==> flow/design.v <==
module add_rtl #(
    parameter integer DWIDTH = 60,
    parameter integer GROUP = 2
) (
    input wire aclk,
    input wire nrst,
    input wire clk_en,
    input wire [DWIDTH-1:0] dataa,
    input wire [DWIDTH-1:0] datab,
    input wire carry_in,
    output reg [DWIDTH-1:0] res,
    output reg carry_out
);
    localparam GROUPS = DWIDTH / GROUP;
    wire [DWIDTH-1:0] r;
    wire [GROUPS:0] c;
    assign c[0] = carry_in;
    genvar g;
    generate
        for (g = 0; g < GROUPS; g = g + 1) begin : row
            wire [GROUP:0] s0 = dataa[g*GROUP +: GROUP] + datab[g*GROUP +: GROUP];
            wire [GROUP:0] s1 = dataa[g*GROUP +: GROUP] + datab[g*GROUP +: GROUP] + 1'b1;
            assign {c[g+1], r[g*GROUP +: GROUP]} = c[g] ? s1 : s0;
        end
    endgenerate
    always @(posedge aclk or negedge nrst) begin
        if (~nrst) begin
            res <= 0;
            carry_out <= 1'b0;
        end else if (clk_en) begin
            res <= r;
            carry_out <= c[GROUPS];
        end
    end
endmodule
======== Reports on add_rtl ========
Tool output for the design above, in the order of the flow.
Line numbers count from 1 in the design file above.
Library cell names are shortened.
A cell with n/a has no value.
design
  design top .............................. add_rtl
  clock ................................... aclk
  library ................................. sky130hd
  corner .................................. tt_025C_1v80

======== Elaborated design ========
Yosys after proc, flatten, opt, wreduce and memory -nomap, before mapping. Enables and synchronous resets that opt folds into registers are not counted as muxes. Memory bits, and registers merged into a memory's read port (data or address), are not among the register bits. Print and check cells are not counted. Equal cells are merged and count once.
cells by class
  add/subtract/negate cells ............... 60
  mux-type cells .......................... 30
operators with widths
  cell                                                            count
  2-bit by 2-bit adder with 3-bit output                          30
  3-bit by 1-bit adder with 3-bit output (second input constant)  30
  3-bit 2-to-1 mux                                                30
word-level totals
  flip-flop bits (word level) ............. 61
  output and inout bits ................... 61
  elaborated cells ........................ 92
  input port bits ......................... 124

======== Longest topological paths ========
Depth = most cells in a row (Yosys ltp): at word level without a register or memory, in the mapped netlist without a sequential cell, where the memories' decode and read muxes count.
depth
  word-level depth ........................ 32
  ABC_AREA ................................ 0
  mapped depth ............................ 30
  mapped depth without buffers ............ 30

======== Netlist ========
The flow's flattened synthesis, as Yosys stat reports it; memories are mapped. The netlist is that of the ABC_AREA named above (0 if unset); the other value can give another one.
cells by type
  cell type  count  area in all (um^2)
  dfrtp_1    61     1.53E+03
  ha_1       60     750.72
  fa_1       30     600.576
  xnor2_1    39     341.578
  mux2_2     25     281.52
  mux2i_1    25     250.24
  nor2_1     57     213.955
  a21oi_1    41     205.197
  inv_1      35     131.376
  nand3_1    18     90.086
  xor2_1     10     87.584
  nand3b_1   11     82.579
  a311oi_4   3      78.826
  clkbuf_1   21     78.826
  nand4b_1   9      78.826
  nand4_1    12     75.072
  nor2b_1    12     75.072
  nand2_1    18     67.565
Not listed: further types 50, cells in them 110.
mapped netlist
  cell count .............................. 597
  area of sequential cells ................ 1526.5 um^2
  mapped area ............................. 5985.7 um^2
  mapped flip-flops ....................... 61
  buffer cells ............................ 22

======== Path before layout ========
Path of least setup slack by OpenSTA after synthesis, without wires, with an ideal clock, recovery checks aside; 20% of the period is set as input and as output delay. Where synthesis merged equal registers, the netlist keeps one of their names.
timing after synthesis
  path type ............................... input to register
  start ................................... input port dataa[0]
  end ..................................... register res[57]
  external input delay .................... 2.080 ns
  arrival time ............................ 8.592 ns
  driving pins on the path ................ 30
  clock period ............................ 10.4 ns
  path delay .............................. 6.649 ns
  path buffers ............................ 0
  data required time ...................... 10.263 ns
  slack ................................... 1.671 ns
  library setup time ...................... 0.137 ns
  time at the first pin ................... 2.080 ns
  synthesis period reached ................ 8.729 ns
"path delay" = arrival - input delay + setup time.
"driving pins on the path" counts driving pins, that of a launching flip-flop among them; a cell with two outputs on the path counts twice.
"synthesis period reached" is the clock period less the worst setup slack; recovery checks do not enter. This is arithmetic on one report: input and output delays are still those of the set period (20% each).
Between the ends stands the longest chain of elaborated cells between them, by number of cells; it is not shown to be the way that was timed. Of several equally long chains one is given.
Each line given opens the expression or statement behind the cell; cells for indexed reads and writes are added by Yosys, which also makes memories of some case tables.
between the ends, after synthesis
  path through ............................ ha_1 inv_1 fa_1 inv_1 ha_1 a21bo_2 a311o_1 a211o_1 a32o_2 a311oi_2 nor3_1 a311oi_4 a21bo_2 a311oi_2 nor3_1 a311oi_4 a21oi_2 nand4b_4 o41a_2 nor3_4 a21oi_1 nor3_1 a2111oi_4 a311oi_4 a21oi_2 o31a_1 o21ai_1 xor2_1 mux2i_1 a21oi_1
  cells in the longest elaborated chain ... 31
  elaborated cells on any way between the ends .. 31
  those cells by class .................... 2 x add/sub; 29 x mux
RTL lines, path after synthesis
  what                                    line  text
  from (decl)                             8     input wire [DWIDTH-1:0] dataa,
  2-bit by 2-bit adder with 3-bit output  22    wire [GROUP:0] s1 = dataa[g*GROUP +: GROUP] + datab[g*GROUP +: GROUP] + 1'b1;
  3-bit by 1-bit adder with 3-bit output  22
  3-bit 2-to-1 mux (29 in a row)          23    assign {c[g+1], r[g*GROUP +: GROUP]} = c[g] ? s1 : s0;
  to (assign)                             28    res <= 0;
  to (assign)                             31    res <= r;
  to (decl)                               11    output reg [DWIDTH-1:0] res,

======== Timing after layout ========
From the final timing report of run A: the path of least setup slack in the routed layout; clock arrival at registers is part of the times.
timing after layout
  path type ............................... input to register
  start ................................... input port dataa[0]
  end ..................................... register res[57]
  slack ................................... 0.87 ns
  path buffers ............................ 1
  library setup time ...................... 0.15 ns
  arrival time ............................ 9.72 ns
  external input delay .................... 2.08 ns
  driving pins on the path ................ 31
  clock period ............................ 10.4 ns
  time at the first pin ................... 2.08 ns
  data required time ...................... 10.58 ns
Between the ends stands the longest chain of elaborated cells between them, by number of cells; it is not shown to be the way that was timed. Of several equally long chains one is given.
between the ends, after layout
  path through ............................ clkdlybuf4s50_1 ha_1 inv_1 fa_1 inv_1 ha_1 a21bo_2 a311o_1 a211o_1 a32o_2 a311oi_2 nor3_1 a311oi_4 a21bo_2 a311oi_2 nor3_1 a311oi_4 a21oi_2 nand4b_4 o41a_2 nor3_4 a21bo_2 a311oi_2 nor3_1 a311oi_4 a21oi_2 nor4_1 o21ai_1 xor2_1 mux2i_1 a21oi_1
  cells in the longest elaborated chain ... 31
  elaborated cells on any way between the ends .. 31
  those cells by class .................... 2 x add/sub; 29 x mux
RTL lines, path after layout
  what                                    line  text
  from (decl)                             8     input wire [DWIDTH-1:0] dataa,
  2-bit by 2-bit adder with 3-bit output  22    wire [GROUP:0] s1 = dataa[g*GROUP +: GROUP] + datab[g*GROUP +: GROUP] + 1'b1;
  3-bit by 1-bit adder with 3-bit output  22
  3-bit 2-to-1 mux (29 in a row)          23    assign {c[g+1], r[g*GROUP +: GROUP]} = c[g] ? s1 : s0;
  to (assign)                             28    res <= 0;
  to (assign)                             31    res <= r;
  to (decl)                               11    output reg [DWIDTH-1:0] res,

add_rtl through Yosys and OpenROAD on sky130hd: 3 stored runs, unordered, with their settings and measured results. The constraints put input and output delay at 20% of the set period each and load the outputs with 0.01 pF.
By "period achieved" is meant the clock period of the run minus its worst setup slack. This is arithmetic on one report: input and output delays are still those of the set period (20% each).
"critical path time" is the time allowed to the run's worst setup path (the clock period less input and output delay, where it has them) less its slack. Clock arrival times count: a late capture clock shortens it, a late launch clock lengthens it.
"total power after layout" rests on the timing tool's default activity at the inputs, not on a simulated workload.

======== run A ========
==> flow/run.sh <==
#!/bin/bash
# the make line also repeats the synthesis and layout settings of config.mk as NAME=value (left out here)
make -C /OpenROAD-flow-scripts/flow DESIGN_CONFIG=/design/flow/config.mk WORK_HOME=/design/flow/orfs CLKGATE_MAP_FILE= finish
==> flow/config.mk <==
export PLATFORM = sky130hd
export DESIGN_NAME = add_rtl
export DESIGN_NICKNAME = add_rtl
export VERILOG_FILES = /design/flow/design.v
export SDC_FILE = /design/flow/constraint.sdc
export NUM_CORES = 4
export LEC_CHECK = 0
export CAP_MARGIN = 20
export CORE_MARGIN = 2
export CORE_UTILIZATION = 40
export SLEW_MARGIN = 20
==> flow/constraint.sdc <==
create_clock -name core_clock -period 10.4 [get_ports {aclk}]
set_input_delay 2.0800 -clock core_clock [delete_from_list [all_inputs] [get_ports {aclk}]]
set_output_delay 2.0800 -clock core_clock [all_outputs]
set_load 0.01 [all_outputs]

-------- measured, run A --------
  period achieved ......................... 9.533 ns
  worst hold slack in the final report .... 0.508 ns
  post-route utilization .................. 56.7 %
  total die area .......................... 15959.3 um^2
  chip area after synthesis (Yosys) ....... 5985.7 um^2
  total power after layout ................ 1.197 mW
  worst slack on setup checks ............. 0.867 ns
  critical path time ...................... 7.45 ns
  worst setup path type ................... input to register
  setup TNS ............................... 0.000 ns
  standard-cell area after layout ......... 8267.9 um^2

======== run B ========
==> flow/run.sh <==
#!/bin/bash
# the make line also repeats the synthesis and layout settings of config.mk as NAME=value (left out here)
make -C /OpenROAD-flow-scripts/flow DESIGN_CONFIG=/design/flow/config.mk WORK_HOME=/design/flow/orfs CLKGATE_MAP_FILE= finish
==> flow/config.mk <==
export PLATFORM = sky130hd
export DESIGN_NAME = add_rtl
export DESIGN_NICKNAME = add_rtl
export VERILOG_FILES = /design/flow/design.v
export SDC_FILE = /design/flow/constraint.sdc
export NUM_CORES = 4
export LEC_CHECK = 0
export ABC_AREA = 0
export CAP_MARGIN = 20
export CORE_ASPECT_RATIO = 0.84
export CORE_MARGIN = 2
export CORE_UTILIZATION = 63
export CTS_CLUSTER_DIAMETER = 147
export SETUP_SLACK_MARGIN = 0.3
export SLEW_MARGIN = 20
export TNS_END_PERCENT = 15
==> flow/constraint.sdc <==
create_clock -name core_clock -period 6.77 [get_ports {aclk}]
set_input_delay 1.3540 -clock core_clock [delete_from_list [all_inputs] [get_ports {aclk}]]
set_output_delay 1.3540 -clock core_clock [all_outputs]
set_load 0.01 [all_outputs]

-------- run B --------
  no final report: clock tree synthesis broke off with DPL-0038

======== run C ========
==> flow/run.sh <==
#!/bin/bash
# the make line also repeats the synthesis and layout settings of config.mk as NAME=value (left out here)
make -C /OpenROAD-flow-scripts/flow DESIGN_CONFIG=/design/flow/config.mk WORK_HOME=/design/flow/orfs CLKGATE_MAP_FILE= finish
==> flow/config.mk <==
export PLATFORM = sky130hd
export DESIGN_NAME = add_rtl
export DESIGN_NICKNAME = add_rtl
export VERILOG_FILES = /design/flow/design.v
export SDC_FILE = /design/flow/constraint.sdc
export NUM_CORES = 4
export LEC_CHECK = 0
export CAP_MARGIN = 20
export CORE_MARGIN = 2
export CORE_UTILIZATION = 31
export CTS_CLUSTER_SIZE = 73
export GPL_ROUTABILITY_DRIVEN = 1
export GPL_TIMING_DRIVEN = 0
export MAX_ROUTING_LAYER = met4
export PLACE_DENSITY_LB_ADDON = 0.26
export SLEW_MARGIN = 30
==> flow/constraint.sdc <==
create_clock -name core_clock -period 12.0 [get_ports {aclk}]
set_input_delay 2.4000 -clock core_clock [delete_from_list [all_inputs] [get_ports {aclk}]]
set_output_delay 2.4000 -clock core_clock [all_outputs]
set_load 0.01 [all_outputs]

-------- measured, run C --------
  period achieved ......................... 9.985 ns
  worst hold slack in the final report .... 0.504 ns
  post-route utilization .................. 44.9 %
  total die area .......................... 20436.1 um^2
  chip area after synthesis (Yosys) ....... 5985.7 um^2
  total power after layout ................ 1.053 mW
  worst slack on setup checks ............. 2.015 ns
  critical path time ...................... 7.58 ns
  worst setup path type ................... input to register
  setup TNS ............................... 0.000 ns
  standard-cell area after layout ......... 8460.6 um^2
